==> flow/design.v <==
module mplex_top #(
   parameter WIDTH = 2
) (
   input clock,
   input [WIDTH-1:0] bus0,
   input [WIDTH-1:0] bus1,
   input [WIDTH-1:0] bus2,
   input [WIDTH-1:0] bus3,
   input [WIDTH-1:0] bus4,
   input [WIDTH-1:0] bus5,
   input [WIDTH-1:0] bus6,
   input [WIDTH-1:0] bus7,
   input [WIDTH-1:0] bus8,
   input [WIDTH-1:0] bus9,
   input [3:0] addr,
   output [WIDTH-1:0] result
);
   reg [WIDTH-1:0] bus0_reg;
   reg [WIDTH-1:0] bus1_reg;
   reg [WIDTH-1:0] bus2_reg;
   reg [WIDTH-1:0] bus3_reg;
   reg [WIDTH-1:0] bus4_reg;
   reg [WIDTH-1:0] bus5_reg;
   reg [WIDTH-1:0] bus6_reg;
   reg [WIDTH-1:0] bus7_reg;
   reg [WIDTH-1:0] bus8_reg;
   reg [WIDTH-1:0] bus9_reg;
   reg [3:0] addr_reg;
   always @(posedge clock) begin
      bus0_reg <= bus0;
      bus1_reg <= bus1;
      bus2_reg <= bus2;
      bus3_reg <= bus3;
      bus4_reg <= bus4;
      bus5_reg <= bus5;
      bus6_reg <= bus6;
      bus7_reg <= bus7;
      bus8_reg <= bus8;
      bus9_reg <= bus9;
      addr_reg <= addr;
   end
   wire [WIDTH-1:0] work;
   assign work =
      (addr_reg == 4'd0) ? bus0_reg :
      (addr_reg == 4'd1) ? bus1_reg :
      (addr_reg == 4'd2) ? bus2_reg :
      (addr_reg == 4'd3) ? bus3_reg :
      (addr_reg == 4'd4) ? bus4_reg :
      (addr_reg == 4'd5) ? bus5_reg :
      (addr_reg == 4'd6) ? bus6_reg :
      (addr_reg == 4'd7) ? bus7_reg :
      (addr_reg == 4'd8) ? bus8_reg :
      bus9_reg;
   reg [WIDTH-1:0] result_reg;
   always @(posedge clock) begin
      result_reg <= work;
   end
   assign result = result_reg;
endmodule
From RTL to reports: mplex_top
The steps from the RTL of mplex_top to its reports follow in flow order.
Line numbers count from 1 in the design file above.
Operators: Yosys type, input widths -> output width; for muxes data width and select width s.
Library cell names are shortened.
{"block": "setup", "top": "mplex_top", "clock": "clock", "library": "sky130hd", "corner": "tt_025C_1v80"}

After elaboration
Yosys after proc, flatten, opt, wreduce and memory -nomap, before mapping. Enables and synchronous resets that opt folds into registers are not counted as muxes. Memory bits, and registers merged into a memory's read port (data or address), are not among the register bits. Print and check cells are not counted. Equal cells are merged and count once.
{"block": "bits", "register_bits": 26, "inputBits": 25, "output_inout_bits": 2, "word_cells": 30}
{"block": "op_classes", "eq_ne": 8, "mux": 9, "reduce_and_logical": 1}
{"block": "op_table", "cell": "$mux 2", "count": 9}
{"block": "op_table", "cell": "$eq 4x3->1 const B", "count": 4}
{"block": "op_table", "cell": "$eq 4x2->1 const B", "count": 2}
{"block": "op_table", "cell": "$eq 4x1->1 const B", "count": 1}
{"block": "op_table", "cell": "$eq 4x4->1 const B", "count": 1}
{"block": "op_table", "cell": "$logic_not 4->1", "count": 1}

Logic depth
Yosys ltp: most cells in a row. Word level: on the elaborated netlist, between registers, memories and ports. Mapped: between sequential cells and ports; inverters and the memories' decode and read muxes count.
{"block": "logic_depth", "ltp_word": 10, "ABC_AREA": 0, "depth_mapped": 6, "mapped_depth_nobuf": 5}

Netlist
Yosys stat after the flow's synthesis: flattened, memories mapped to cells. It holds for the ABC_AREA given above (unset counts as 0); a run with the other value may have another netlist.
{"block": "by_type", "type": "dfxtp_1", "count": 26, "type_area_um2": 520.499}
{"block": "by_type", "type": "a21oi_1", "count": 5, "type_area_um2": 25.024}
{"block": "by_type", "type": "mux4_2", "count": 1, "type_area_um2": 22.522}
{"block": "by_type", "type": "nor2_1", "count": 6, "type_area_um2": 22.522}
{"block": "by_type", "type": "mux2i_1", "count": 2, "type_area_um2": 20.019}
{"block": "by_type", "type": "buf_4", "count": 2, "type_area_um2": 15.014}
{"block": "by_type", "type": "nand2_1", "count": 4, "type_area_um2": 15.014}
{"block": "by_type", "type": "o21ai_0", "count": 3, "type_area_um2": 15.014}
{"block": "by_type", "type": "a31oi_1", "count": 2, "type_area_um2": 12.512}
{"block": "by_type", "type": "nand2b_1", "count": 2, "type_area_um2": 12.512}
{"block": "by_type", "type": "o22ai_1", "count": 2, "type_area_um2": 12.512}
{"block": "by_type", "type": "or3_1", "count": 2, "type_area_um2": 12.512}
{"block": "by_type", "type": "o32a_2", "count": 1, "type_area_um2": 11.261}
{"block": "by_type", "type": "buf_2", "count": 2, "type_area_um2": 10.01}
{"block": "by_type", "type": "a2111oi_0", "count": 1, "type_area_um2": 8.758}
{"block": "by_type", "type": "o311ai_0", "count": 1, "type_area_um2": 8.758}
{"block": "by_type", "type": "o31a_1", "count": 1, "type_area_um2": 8.758}
{"block": "by_type", "type": "a211oi_1", "count": 1, "type_area_um2": 7.507}
Other cell types: 9; their cells: 9.
{"block": "mapped", "cell_count": 73, "yosys_area_mm2": 0.0008195, "seq_area_mm2": 0.0005205, "ffs": 26, "buf_cells": 4}

Path before layout
OpenSTA on the mapped netlist: ideal clock, no wires. The path of least setup slack (recovery checks aside). Input and output delay are each 20% of the period. Register names are those of the netlist, which keeps one name where synthesis merged equal registers.
{"block": "synth_timing", "path_type": "reg2reg", "startpoint": "register addr_reg[1]", "endpoint": "register result_reg[1]", "period_ps": 1640, "setup_ps": 123, "t_first_pin_ps": 0, "t_arrival_ps": 1190, "required_ps": 1517, "path_slack_ps": 327, "path_delay_ps": 1313, "stages": 5, "n_path_buf": 2, "synth_period_reached_ps": 1313}
"path_delay_ps" = arrival - input delay + setup time.
"stages" counts driving pins, that of a launching flip-flop among them; a cell with two outputs on the path counts twice.
"synth_period_reached_ps" = period - worst setup slack (recovery checks aside). The figure is calculated, with input and output delays left at 20% of the set period.
The rows between start and end are the longest chain of elaborated cells between them; the timing report does not say that the signal goes this way. Where chains are equally long, one stands for them.
Each line given opens the expression or statement behind the cell; cells for indexed reads and writes are added by Yosys, which also makes memories of some case tables.
{"block": "synth_via", "cell_sequence": "dfxtp_1 > buf_4 > buf_2 > mux4_2 > o32a_2", "elab_chain_cells": 10, "cone_cells": 18, "cone_lines": 9, "cone_classes": "8 x eq/ne; 9 x mux; 1 x reduce/logical"}
{"block": "synth_lines", "item": "start: declaration", "line": 28, "text": "reg [3:0] addr_reg;"}
{"block": "synth_lines", "item": "start: assignment", "line": 40, "text": "addr_reg <= addr;"}
{"block": "synth_lines", "item": "$eq 4x4->1", "line": 52, "text": "(addr_reg == 4'd8) ? bus8_reg :"}
{"block": "synth_lines", "item": "$mux 2", "line": 52}
{"block": "synth_lines", "item": "$mux 2", "line": 51, "text": "(addr_reg == 4'd7) ? bus7_reg :"}
{"block": "synth_lines", "item": "$mux 2", "line": 50, "text": "(addr_reg == 4'd6) ? bus6_reg :"}
{"block": "synth_lines", "item": "$mux 2", "line": 49, "text": "(addr_reg == 4'd5) ? bus5_reg :"}
{"block": "synth_lines", "item": "$mux 2", "line": 48, "text": "(addr_reg == 4'd4) ? bus4_reg :"}
{"block": "synth_lines", "item": "$mux 2", "line": 47, "text": "(addr_reg == 4'd3) ? bus3_reg :"}
{"block": "synth_lines", "item": "$mux 2", "line": 46, "text": "(addr_reg == 4'd2) ? bus2_reg :"}
{"block": "synth_lines", "item": "$mux 2", "line": 45, "text": "(addr_reg == 4'd1) ? bus1_reg :"}
{"block": "synth_lines", "item": "$mux 2", "line": 44, "text": "(addr_reg == 4'd0) ? bus0_reg :"}
{"block": "synth_lines", "item": "end: assignment", "line": 56, "text": "result_reg <= work;"}
{"block": "synth_lines", "item": "end: declaration", "line": 54, "text": "reg [WIDTH-1:0] result_reg;"}

Timing after layout
From the final timing report of run B: the path of least setup slack in the routed layout; clock arrival at registers is part of the times.
The path's times are printed in steps of 10 ps; the period is the one set.
{"block": "layout_timing", "path_type": "reg2out", "startpoint": "register result_reg[0]", "endpoint": "output result[0]", "period_ps": 1550, "output_delay_ps": 310, "t_first_pin_ps": 310, "t_arrival_ps": 1170, "required_ps": 1240, "path_slack_ps": 70, "stages": 2, "n_path_buf": 1}
{"block": "layout_via", "cell_sequence": "dfxtp_1 > clkdlybuf4s50_1", "elab_chain_cells": 0, "cone_cells": 0, "cone_lines": 0}
{"block": "layout_lines", "item": "start: declaration", "line": 54, "text": "reg [WIDTH-1:0] result_reg;"}
{"block": "layout_lines", "item": "start: assignment", "line": 56, "text": "result_reg <= work;"}
{"block": "layout_lines", "item": "end: declaration", "line": 16, "text": "output [WIDTH-1:0] result"}

Ticket comment

Measured data: module mplex_top, platform sky130hd, 3 stored runs of the flow under differing settings, order arbitrary. Input and output delays are each 20% of the period that was set; the output load is 0.01 pF.
By "period_reached_ps" is meant the clock period of the run minus its worst setup slack. This is arithmetic on one report: input and output delays are still those of the set period (20% each).
By "worstPathTime_ps" is meant the share of the clock period that the worst setup path is allowed (20% is reserved at inputs, 20% at outputs), minus its slack. Clock arrival times at its registers enter into it.
"power.total_w" rests on the timing tool's default activity at the inputs, not on a simulated workload.
"worstPathTime_ps" is given in steps of 10 ps.

Run A
==> flow/run.sh <==
#!/bin/bash
# the make line also repeats the synthesis and layout settings of config.mk as NAME=value (left out here)
make -C /OpenROAD-flow-scripts/flow DESIGN_CONFIG=/design/flow/config.mk WORK_HOME=/design/flow/orfs CLKGATE_MAP_FILE= finish
==> flow/config.mk <==
export PLATFORM = sky130hd
export DESIGN_NAME = mplex_top
export DESIGN_NICKNAME = mplex_top
export VERILOG_FILES = /design/flow/design.v
export SDC_FILE = /design/flow/constraint.sdc
export NUM_CORES = 4
export LEC_CHECK = 0
export CAP_MARGIN = 20
export CORE_ASPECT_RATIO = 0.66
export CORE_MARGIN = 2
export CORE_UTILIZATION = 70
export CTS_CLUSTER_DIAMETER = 275
export GPL_ROUTABILITY_DRIVEN = 1
export GPL_TIMING_DRIVEN = 1
export PLACE_DENSITY_LB_ADDON = 0.21
export SLEW_MARGIN = 25
export TNS_END_PERCENT = 30
==> flow/constraint.sdc <==
create_clock -name core_clock -period 1.18 [get_ports {clock}]
set_input_delay 0.2360 -clock core_clock [delete_from_list [all_inputs] [get_ports {clock}]]
set_output_delay 0.2360 -clock core_clock [all_outputs]
set_load 0.01 [all_outputs]

==> results of run A, as JSON <==
{
  "outcome": "unfinished; error PDN-0185 in floorplanning"
}

Run B
==> flow/run.sh <==
#!/bin/bash
# the make line also repeats the synthesis and layout settings of config.mk as NAME=value (left out here)
make -C /OpenROAD-flow-scripts/flow DESIGN_CONFIG=/design/flow/config.mk WORK_HOME=/design/flow/orfs CLKGATE_MAP_FILE= finish
==> flow/config.mk <==
export PLATFORM = sky130hd
export DESIGN_NAME = mplex_top
export DESIGN_NICKNAME = mplex_top
export VERILOG_FILES = /design/flow/design.v
export SDC_FILE = /design/flow/constraint.sdc
export NUM_CORES = 4
export LEC_CHECK = 0
export CAP_MARGIN = 20
export CORE_MARGIN = 7
export CORE_UTILIZATION = 49
export MIN_ROUTING_LAYER = met1
export PLACE_DENSITY_LB_ADDON = 0.17
export SLEW_MARGIN = 20
export TNS_END_PERCENT = 95
==> flow/constraint.sdc <==
create_clock -name core_clock -period 1.55 [get_ports {clock}]
set_input_delay 0.3100 -clock core_clock [delete_from_list [all_inputs] [get_ports {clock}]]
set_output_delay 0.3100 -clock core_clock [all_outputs]
set_load 0.01 [all_outputs]

==> results of run B, as JSON <==
{
  "ys_area_mm2": 0.0008195,
  "design.die.area_mm2": 0.0030135,
  "stdcell_area_mm2": 0.0011461,
  "layout_utilization_pct": 74.4,
  "fin_ws_ps": 67,
  "tns_ps": 0,
  "power.total_w": 0.001325,
  "period_reached_ps": 1483,
  "worstPathTime_ps": 1170,
  "timing.worst_path_kind": "reg2out"
}

Run C
==> flow/run.sh <==
#!/bin/bash
# the make line also repeats the synthesis and layout settings of config.mk as NAME=value (left out here)
make -C /OpenROAD-flow-scripts/flow DESIGN_CONFIG=/design/flow/config.mk WORK_HOME=/design/flow/orfs CLKGATE_MAP_FILE= finish
==> flow/config.mk <==
export PLATFORM = sky130hd
export DESIGN_NAME = mplex_top
export DESIGN_NICKNAME = mplex_top
export VERILOG_FILES = /design/flow/design.v
export SDC_FILE = /design/flow/constraint.sdc
export NUM_CORES = 4
export LEC_CHECK = 0
export CAP_MARGIN = 20
export CORE_MARGIN = 2
export CORE_UTILIZATION = 40
export SLEW_MARGIN = 20
==> flow/constraint.sdc <==
create_clock -name core_clock -period 1.64 [get_ports {clock}]
set_input_delay 0.3280 -clock core_clock [delete_from_list [all_inputs] [get_ports {clock}]]
set_output_delay 0.3280 -clock core_clock [all_outputs]
set_load 0.01 [all_outputs]

==> results of run C, as JSON <==
{
  "ys_area_mm2": 0.0008195,
  "design.die.area_mm2": 0.002427,
  "stdcell_area_mm2": 0.0011336,
  "layout_utilization_pct": 58.4,
  "fin_ws_ps": 137,
  "tns_ps": 0,
  "power.total_w": 0.001125,
  "period_reached_ps": 1503,
  "worstPathTime_ps": 1180,
  "timing.worst_path_kind": "reg2out"
}
